==> flow/design.v <==
module sync_scratch (clk, rst_n, wr_en_i, wsel_i, wr_data_i, raddr1_i, raddr2_i, q1_o, q2_o);
    parameter integer DEPTH = 32;
    parameter integer DWIDTH = 2;
    localparam integer AWIDTH = $clog2(DEPTH);
    input clk;
    input rst_n;
    input wr_en_i;
    input [AWIDTH-1:0] wsel_i;
    input [DWIDTH-1:0] wr_data_i;
    input [AWIDTH-1:0] raddr1_i;
    input [AWIDTH-1:0] raddr2_i;
    output reg [DWIDTH-1:0] q1_o;
    output reg [DWIDTH-1:0] q2_o;
    reg wr_en_s;
    reg [AWIDTH-1:0] wsel_s;
    reg [DWIDTH-1:0] wr_data_s;
    reg [DWIDTH-1:0] regs [0:DEPTH-1];
    always @(posedge clk) begin
        if (wr_en_s)
            regs[wsel_s] <= wr_data_s;
    end
    reg [AWIDTH-1:0] raddr1_s;
    reg [AWIDTH-1:0] raddr2_s;
    always @(posedge clk or negedge rst_n) begin
        if (!rst_n) begin
            wr_en_s <= 1'b0;
            wsel_s <= 0;
            wr_data_s <= 0;
            raddr1_s <= 0;
            raddr2_s <= 0;
            q1_o <= 0;
            q2_o <= 0;
        end else begin
            wr_en_s <= wr_en_i;
            wsel_s <= wsel_i;
            wr_data_s <= wr_data_i;
            raddr1_s <= raddr1_i;
            raddr2_s <= raddr2_i;
            q1_o <= regs[raddr1_s];
            q2_o <= regs[raddr2_s];
        end
    end
endmodule
## From RTL to reports: sync_scratch

The steps from the RTL of sync_scratch to its reports follow in flow order.
Line numbers count from 1 in the design file above.
Operators: Yosys type, input widths -> output width; for muxes data width and select width s.
A cell with -- has no value.

| inputs | value |
|---|---|
| design top | sync_scratch |
| clock port | clk |
| cell library | sky130hd |
| corner | tt_025C_1v80 |

## After elaboration

Yosys after proc, flatten, opt, wreduce and memory -nomap, before mapping. Enables and synchronous resets that opt folds into registers are not counted as muxes. Memory bits, and registers merged into a memory's read port (data or address), are not among the register bits. Print and check cells are not counted.
Memory sizes are those after Yosys's memory passes, which may raise the word count (mostly to a power of two), join words into wider ones and drop unused or constant bits.

| operators by class | value |
|---|---|
| add/subtract/negate cells | 0 |
| order comparisons | 0 |
| equality and inequality tests | 0 |
| multiplexer cells | 3 |
| multiply operators | 0 |
| divide/modulo/power cells | 0 |
| reductions and logical operators | 2 |
| bitwise gates (word level) | 0 |
| shift-type cells | 0 |

Operators with widths:

| cell | number |
|---|---|
| $mux 5 | 1 |
| $logic_not 1->1 | 2 |
| $mux 2 | 1 |
| $mux 1 | 1 |

| bit counts | value |
|---|---|
| input port bits | 20 |
| ROM bits | 0 |
| output and inout bits | 4 |
| memory cells | 1 |
| word-level cells | 11 |
| memory bits (writable) | 64 |
| word width x clocked read ports | 4 |
| latch bits | 0 |
| flip-flop bits (word level) | 18 |

Memories:

| name | depth | bits a word | rd ports | write ports | line | source |
|---|---|---|---|---|---|---|
| regs | 32 | 2 | 2 | 1 | 17 | `reg [DWIDTH-1:0] regs [0:DEPTH-1];` |

## Logic depth

Longest topological path by Yosys (ltp), each cell counted once; first at word level (registers and memories cut), then after technology mapping (sequential cells cut; the memories' decode and read muxes count).

| depth | value |
|---|---|
| depth in word-level cells | 1 |
| ABC_AREA | 0 |
| gate-level depth with buffers | 7 |
| mapped depth without buffers | 5 |

## After synthesis

Source: synth_stat.txt of the flow (Yosys; design flattened, memories mapped). It holds for the ABC_AREA given above (unset counts as 0); a run with the other value may have another netlist.
The area totals of this step are shown rounded.

Cell types:

| type | number | total area (um^2) |
|---|---|---|
| sky130_fd_sc_hd__edfxtp_1 | 64 | 1.92E+03 |
| sky130_fd_sc_hd__mux2i_1 | 64 | 640.614 |
| sky130_fd_sc_hd__dfrtp_1 | 22 | 550.528 |
| sky130_fd_sc_hd__a22oi_1 | 21 | 157.651 |
| sky130_fd_sc_hd__nor2_1 | 33 | 123.869 |
| sky130_fd_sc_hd__buf_6 | 6 | 67.565 |
| sky130_fd_sc_hd__nand2_1 | 16 | 60.058 |
| sky130_fd_sc_hd__a31oi_1 | 9 | 56.304 |
| sky130_fd_sc_hd__nand3_1 | 9 | 45.043 |
| sky130_fd_sc_hd__nand3b_1 | 5 | 37.536 |
| sky130_fd_sc_hd__or3b_1 | 3 | 26.275 |
| sky130_fd_sc_hd__nor2b_1 | 4 | 25.024 |
| sky130_fd_sc_hd__and4b_1 | 2 | 20.019 |
| sky130_fd_sc_hd__a311oi_1 | 2 | 17.517 |
| sky130_fd_sc_hd__nand4b_1 | 2 | 17.517 |
| sky130_fd_sc_hd__o311ai_1 | 2 | 17.517 |
| sky130_fd_sc_hd__a21oi_1 | 3 | 15.014 |
| sky130_fd_sc_hd__buf_4 | 2 | 15.014 |

Not listed: further types 10, cells in them 16.

| synthesis totals | value |
|---|---|
| flip-flop cells | 86 |
| chip area (Yosys) | 3,900 um^2 |
| buffer cells | 16 |
| sequential area | 2,500 um^2 |
| standard cells after synthesis | 285 |

## Timing after synthesis

Path of least setup slack by OpenSTA after synthesis, without wires, with an ideal clock, recovery checks aside; 20% of the period is set as input and as output delay. Where synthesis merged equal registers, the netlist keeps one of their names.

| timing after synthesis | value |
|---|---|
| path kind | register to register |
| start point | register raddr1_s[1] |
| end point | register q1_o[0] |
| driving pins on the path | 8 |
| buffers on the path | 3 |
| time at the first pin | 0.000 ns |
| data required time | 1.574 ns |
| arrival | 1.236 ns |
| setup time | 0.136 ns |
| path delay | 1.372 ns |
| setup slack | 0.339 ns |
| period | 1.71 ns |
| synthesis period reached | 1.371 ns |

"path delay" = arrival - input delay + setup time.
"driving pins on the path" counts driving pins, that of a launching flip-flop among them; a cell with two outputs on the path counts twice.
"synthesis period reached" is the clock period less the worst setup slack; recovery checks do not enter. This is arithmetic on one report: input and output delays are still those of the set period (20% each).

| between the ends, after synthesis | value |
|---|---|
| cell sequence | sky130_fd_sc_hd__dfrtp_1 sky130_fd_sc_hd__buf_6 sky130_fd_sc_hd__buf_8 sky130_fd_sc_hd__buf_6 sky130_fd_sc_hd__mux2i_1 sky130_fd_sc_hd__a22oi_1 sky130_fd_sc_hd__a31oi_1 sky130_fd_sc_hd__o311ai_1 |

RTL lines, path after synthesis:

| item | line | source |
|---|---|---|
| from (decl) | 22 | `reg [AWIDTH-1:0] raddr1_s;` |
| from (assign) | 29 | `raddr1_s <= 0;` |
| from (assign) | 37 | `raddr1_s <= raddr1_i;` |
| to (decl) | 12 | `output reg [DWIDTH-1:0] q1_o;` |

Chain of elaborated cells between the ends: none given.

## Timing after layout

From the final timing report of run 1: the path of least setup slack in the routed layout; clock arrival at registers is part of the times.

| timing after layout | value |
|---|---|
| path kind | register to register |
| start point | register raddr1_s[1] |
| end point | register q1_o[0] |
| driving pins on the path | 7 |
| data required time | 1.94 ns |
| buffers on the path | 1 |
| arrival | 1.85 ns |
| time at the first pin | 0.36 ns |
| setup time | 0.13 ns |
| period | 1.71 ns |
| setup slack | 0.09 ns |

| between the ends, after layout | value |
|---|---|
| cell sequence | sky130_fd_sc_hd__dfrtp_1 sky130_fd_sc_hd__buf_6 sky130_fd_sc_hd__mux2i_1 sky130_fd_sc_hd__a22oi_1 sky130_fd_sc_hd__and4b_1 sky130_fd_sc_hd__a31oi_1 sky130_fd_sc_hd__o311ai_1 |

RTL lines, path after layout:

| item | line | source |
|---|---|---|
| from (decl) | 22 | `reg [AWIDTH-1:0] raddr1_s;` |
| from (assign) | 29 | `raddr1_s <= 0;` |
| from (assign) | 37 | `raddr1_s <= raddr1_i;` |
| to (decl) | 12 | `output reg [DWIDTH-1:0] q1_o;` |

Chain of elaborated cells between the ends: none given.

FLOW RESULTS
============

Below are 3 stored runs of the flow (Yosys, OpenROAD; platform sky130hd) on sync_scratch, each with its settings and what was measured, unordered. Constraints: input delay and output delay 20% of the set period each, output load 0.01 pF.
"achieved period" means the clock period less the worst setup slack. The figure is calculated, with input and output delays left at 20% of the set period.
"critical setup path time" means the part of the period allowed to the worst setup path (the constraints hold back 20% at inputs and 20% at outputs) less its slack; where the path has registers, the arrival times of their clocks count too.
"total power after layout" is the tool's figure for a default switching activity; nothing was simulated.
The results are shown rounded.

#### Run 1

| setting | value |
|---|---|
| period_ns | `1.71` |
| CAP_MARGIN | `20` |
| CORE_MARGIN | `2` |
| CORE_UTILIZATION | `40` |
| SLEW_MARGIN | `20` |

| result | value |
|---|---|
| area of the synthesized netlist | 3,900 um^2 |
| overall die area | 11,000 um^2 |
| standard-cell area after layout | 4,600 um^2 |
| utilization after routing | 48% |
| worst setup slack after layout | 0.091 ns |
| setup TNS | 0.000 ns |
| total power after layout | 4.1 mW |
| achieved period | 1.619 ns |
| critical setup path time | 1.62 ns |
| critical path kind | register to register |

#### Run 2

| setting | value |
|---|---|
| period_ns | `1.12` |
| CORE_UTILIZATION | `18` |
| SETUP_SLACK_MARGIN | `0.29` |
| PLACE_DENSITY_LB_ADDON | `0.21` |
| CORE_ASPECT_RATIO | `0.58` |
| CORE_MARGIN | `7` |
| CELL_PAD_IN_SITES_DETAIL_PLACEMENT | `0` |
| GPL_ROUTABILITY_DRIVEN | `1` |
| CAP_MARGIN | `20` |
| SLEW_MARGIN | `20` |

| result | value |
|---|---|
| area of the synthesized netlist | 3,900 um^2 |
| overall die area | 26,000 um^2 |
| standard-cell area after layout | 5,800 um^2 |
| utilization after routing | 28% |
| worst setup slack after layout | -0.53 ns |
| setup TNS | -15 ns |
| total power after layout | 7.6 mW |
| achieved period | 1.650 ns |
| critical setup path time | 1.65 ns |
| critical path kind | register to register |

#### Run 3

| setting | value |
|---|---|
| period_ns | `1.52` |
| CORE_UTILIZATION | `56` |
| SETUP_SLACK_MARGIN | `0.02` |
| PLACE_DENSITY | `0.67` |
| CORE_ASPECT_RATIO | `0.77` |
| CORE_MARGIN | `3` |
| ABC_AREA | `0` |
| GPL_TIMING_DRIVEN | `0` |
| CTS_CLUSTER_DIAMETER | `322` |
| MAX_ROUTING_LAYER | `met4` |
| CAP_MARGIN | `20` |
| SLEW_MARGIN | `20` |

| result | value |
|---|---|
| area of the synthesized netlist | 3,900 um^2 |
| overall die area | 8,000 um^2 |
| standard-cell area after layout | 4,700 um^2 |
| utilization after routing | 70% |
| worst setup slack after layout | -0.11 ns |
| setup TNS | -0.21 ns |
| total power after layout | 4.8 mW |
| achieved period | 1.633 ns |
| critical setup path time | 1.63 ns |
| critical path kind | register to register |
